==> flow/design.v <==
module full_adder (
    input wire a,
    input wire b,
    input wire ci,
    output wire s,
    output wire co
);
    assign {co, s} = a + b + ci;
endmodule
module sync_add_core_rtl #(
    parameter DW = 128
) (
    input  ck,
    input  [DW-1:0] u,
    input  [DW-1:0] v,
    input  cy_in,
    output reg [DW-1:0] result,
    output reg ovf
);
    wire [DW-1:0] val;
    wire [DW:0] cy;
    assign cy[0] = cy_in;
    genvar i;
    generate
        for (i = 0; i < DW; i = i + 1) begin : stage
            full_adder u0 (.a(u[i]), .b(v[i]), .ci(cy[i]), .s(val[i]), .co(cy[i+1]));
        end
    endgenerate
    always @(posedge ck) begin
        result <= val;
        ovf <= cy[DW];
    end
endmodule
======== Tool chain data of sync_add_core_rtl ========
What the tools print for sync_add_core_rtl, step after step.
Line numbers count from 1 in the design file above.
Operators carry their Yosys type and port widths (W data, S select, Z words).
Library cell names are shortened.
A cell with -- has no value.
set-up
  design top .............................. sync_add_core_rtl
  clock input ............................. ck
  cell library ............................ sky130hd
  library corner .......................... tt_025C_1v80

======== Elaborated design ========
Yosys after proc, flatten, opt, wreduce and memory -nomap, before mapping. Enables and synchronous resets that opt folds into registers are not counted as muxes. Memory bits, and registers merged into a memory's read port (data or address), are not among the register bits. Print and check cells are not counted. Equal cells are merged and count once.
bit counts
  bits in registers ....................... 129
  input port bits ......................... 258
  output and inout bits ................... 129
operators by class
  $add $sub $neg .......................... 256
operators with widths
  operator       count
  $add A1 B1 Y2  128
  $add A2 B1 Y2  128

======== Longest topological paths ========
Longest topological path by Yosys (ltp), each cell counted once; first at word level (registers and memories cut), then after technology mapping (sequential cells cut; the memories' decode and read muxes count).
depth
  depth after elaboration ................. 129
  ABC_AREA ................................ 0
  depth in mapped cells ................... 132
  gate-level depth less buffers ........... 132

======== Netlist ========
Yosys stat after the flow's synthesis: flattened, memories mapped to cells. It holds for the ABC_AREA given above (unset counts as 0); a run with the other value may have another netlist.
mapped netlist
  cells in the netlist .................... 267
  cell area after synthesis ............... 5182.5 um^2
  area of sequential cells ................ 2582.5 um^2
  flip-flop cells ......................... 129
  buffers ................................. 0
cell types
  type     count  total area (um^2)
  dfxtp_1  129    2.58E+03
  fa_1     128    2.56E+03
  inv_1    10     37.536
The figures by module come from a second, unflattened synthesis with its own total; it is not the netlist above.
second synthesis, totals
  cell total of the unflattened synthesis .. 257
  area (unflattened synthesis) ............ 5144.9 um^2
Rows give one instance, submodules left out.
by module
  module             times used  cells  area (um^2)  seq. area (um^2)
  sync_add_core_rtl  1           129    2582.5       2582.5
  full_adder         128         1      20.0         0.0

======== Worst setup path after synthesis ========
Source: OpenSTA report_checks on the synthesized netlist (no wires, ideal clock, input and output delay 20% of the period each), path of least setup slack; recovery checks are left aside. Register names are those of the netlist, which keeps one name where synthesis merged equal registers.
path post-synthesis
  kind .................................... input to register
  from .................................... input u[0]
  to ...................................... register result[127]
  clock period ............................ 76.0 ns
  time at the first pin ................... 15.200 ns
  arrival time ............................ 63.779 ns
  path slack .............................. 12.164 ns
  delay of the path ....................... 48.636 ns
  stages on the path ...................... 132
  path buffers ............................ 0
  period reached after synthesis .......... 63.836 ns
"delay of the path" = arrival - input delay + setup time.
"stages on the path" counts driving pins, that of a launching flip-flop among them; a cell with two outputs on the path counts twice.
"period reached after synthesis" is the clock period less the worst setup slack; recovery checks do not enter. This is arithmetic on one report: input and output delays are still those of the set period (20% each).
Between the ends stands the longest chain of elaborated cells between them, by number of cells; it is not shown to be the way that was timed. Of several equally long chains one is given.
A line is the first line of the expression or statement that the cell stems from. Yosys adds cells for indexed reads and writes and turns some case tables into memories.
on the way, post-synthesis
  cell sequence ........................... inv_1 > fa_1 > inv_1 > fa_1 > fa_1 > fa_1 > fa_1 > fa_1 > fa_1 > fa_1 > fa_1 > fa_1 > fa_1 > fa_1 > fa_1 > fa_1 > fa_1 > fa_1 > (+96 left out) > fa_1 > fa_1 > fa_1 > fa_1 > fa_1 > fa_1 > fa_1 > fa_1 > fa_1 > fa_1 > fa_1 > fa_1 > fa_1 > fa_1 > fa_1 > inv_1 > fa_1 > inv_1
  cells in the longest elaborated chain ... 129
  elaborated cells between the ends (all ways) .. 129
  source lines of those cells ............. 1
RTL lines, path post-synthesis
  what                          line  RTL
  from (decl)                   14    input  [DW-1:0] u,
  $add A1 B1 Y2                 8     assign {co, s} = a + b + ci;
  $add A2 B1 Y2 (128 in a row)  8
  to (assign)                   30    result <= val;
  to (decl)                     17    output reg [DW-1:0] result,

======== Worst path after layout ========
From the final timing report of run 3: the path of least setup slack in the routed layout; clock arrival at registers is part of the times.
path after layout
  kind .................................... input to register
  from .................................... input u[0]
  to ...................................... register result[127]
  clock period ............................ 76.0 ns
  time at the first pin ................... 15.20 ns
  arrival time ............................ 66.45 ns
  path slack .............................. 9.91 ns
  stages on the path ...................... 133
  path buffers ............................ 1
Between the ends stands the longest chain of elaborated cells between them, by number of cells; it is not shown to be the way that was timed. Of several equally long chains one is given.
on the way, after layout
  cell sequence ........................... clkdlybuf4s50_1 > inv_1 > fa_1 > inv_1 > fa_1 > fa_1 > fa_1 > fa_1 > fa_1 > fa_1 > fa_1 > fa_1 > fa_1 > fa_1 > fa_1 > fa_1 > fa_1 > fa_1 > (+97 left out) > fa_1 > fa_1 > fa_1 > fa_1 > fa_1 > fa_1 > fa_1 > fa_1 > fa_1 > fa_1 > fa_1 > fa_1 > fa_1 > fa_1 > fa_1 > inv_1 > fa_1 > inv_1
  cells in the longest elaborated chain ... 129
  elaborated cells between the ends (all ways) .. 129
  source lines of those cells ............. 1
RTL lines, path after layout
  what                          line  RTL
  from (decl)                   14    input  [DW-1:0] u,
  $add A1 B1 Y2                 8     assign {co, s} = a + b + ci;
  $add A2 B1 Y2 (128 in a row)  8
  to (assign)                   30    result <= val;
  to (decl)                     17    output reg [DW-1:0] result,

Add stored flow runs of sync_add_core_rtl

sync_add_core_rtl through Yosys and OpenROAD on sky130hd: 3 stored runs, unordered, with their settings and measured results. The constraints put input and output delay at 20% of the set period each and load the outputs with 0.01 pF.
"achieved clock period (ns)" is the run's clock period less its worst setup slack. It is reckoned from that one timing run; input and output delays stay at 20% of the period that was set.
"finish__power__total" rests on the timing tool's default activity at the inputs, not on a simulated workload.

Flow files of run 1
==> flow/run.sh <==
#!/bin/bash
# the make line also repeats the synthesis and layout settings of config.mk as NAME=value (left out here)
make -C /OpenROAD-flow-scripts/flow DESIGN_CONFIG=/design/flow/config.mk WORK_HOME=/design/flow/orfs CLKGATE_MAP_FILE= finish
==> flow/config.mk <==
export PLATFORM = sky130hd
export DESIGN_NAME = sync_add_core_rtl
export DESIGN_NICKNAME = sync_add_core_rtl
export VERILOG_FILES = /design/flow/design.v
export SDC_FILE = /design/flow/constraint.sdc
export NUM_CORES = 4
export LEC_CHECK = 0
export ABC_AREA = 1
export CAP_MARGIN = 20
export CELL_PAD_IN_SITES_DETAIL_PLACEMENT = 2
export CORE_MARGIN = 2
export CORE_UTILIZATION = 34
export GPL_TIMING_DRIVEN = 0
export MAX_ROUTING_LAYER = met5
export MIN_ROUTING_LAYER = met2
export PLACE_DENSITY = 0.81
export SETUP_SLACK_MARGIN = 5.0
export SLEW_MARGIN = 20
==> flow/constraint.sdc <==
create_clock -name core_clock -period 72.7 [get_ports {ck}]
set_input_delay 14.5400 -clock core_clock [delete_from_list [all_inputs] [get_ports {ck}]]
set_output_delay 14.5400 -clock core_clock [all_outputs]
set_load 0.01 [all_outputs]

report of run 1: did not finish, cts, DPL-0033

Flow files of run 2
==> flow/run.sh <==
#!/bin/bash
# the make line also repeats the synthesis and layout settings of config.mk as NAME=value (left out here)
make -C /OpenROAD-flow-scripts/flow DESIGN_CONFIG=/design/flow/config.mk WORK_HOME=/design/flow/orfs CLKGATE_MAP_FILE= finish
==> flow/config.mk <==
export PLATFORM = sky130hd
export DESIGN_NAME = sync_add_core_rtl
export DESIGN_NICKNAME = sync_add_core_rtl
export VERILOG_FILES = /design/flow/design.v
export SDC_FILE = /design/flow/constraint.sdc
export NUM_CORES = 4
export LEC_CHECK = 0
export CAP_MARGIN = 20
export CELL_PAD_IN_SITES_DETAIL_PLACEMENT = 0
export CORE_ASPECT_RATIO = 1.37
export CORE_MARGIN = 7
export CORE_UTILIZATION = 71
export HOLD_SLACK_MARGIN = -0.08
export PLACE_DENSITY = 0.51
export SETUP_SLACK_MARGIN = 5.0
export SLEW_MARGIN = 20
==> flow/constraint.sdc <==
create_clock -name core_clock -period 39.5 [get_ports {ck}]
set_input_delay 7.9000 -clock core_clock [delete_from_list [all_inputs] [get_ports {ck}]]
set_output_delay 7.9000 -clock core_clock [all_outputs]
set_load 0.01 [all_outputs]

report of run 2: did not finish, place, PPL-0024

Flow files of run 3
==> flow/run.sh <==
#!/bin/bash
# the make line also repeats the synthesis and layout settings of config.mk as NAME=value (left out here)
make -C /OpenROAD-flow-scripts/flow DESIGN_CONFIG=/design/flow/config.mk WORK_HOME=/design/flow/orfs CLKGATE_MAP_FILE= finish
==> flow/config.mk <==
export PLATFORM = sky130hd
export DESIGN_NAME = sync_add_core_rtl
export DESIGN_NICKNAME = sync_add_core_rtl
export VERILOG_FILES = /design/flow/design.v
export SDC_FILE = /design/flow/constraint.sdc
export NUM_CORES = 4
export LEC_CHECK = 0
export CAP_MARGIN = 20
export CORE_MARGIN = 2
export CORE_UTILIZATION = 40
export SLEW_MARGIN = 20
==> flow/constraint.sdc <==
create_clock -name core_clock -period 76.0 [get_ports {ck}]
set_input_delay 15.2000 -clock core_clock [delete_from_list [all_inputs] [get_ports {ck}]]
set_output_delay 15.2000 -clock core_clock [all_outputs]
set_load 0.01 [all_outputs]

report of run 3
yosys chip area after synthesis (um^2): 5182.5
finish__design__die__area: 13882.7
finish__design__instance__area__stdcell: 9867.0
finish__design__instance__utilization: 0.7819
finish__timing__setup__ws: 9.913
finish__timing__setup__tns: 0.000
finish__timing__hold__ws: 15.444
finish__power__total: 2.349e-04
achieved clock period (ns): 66.087
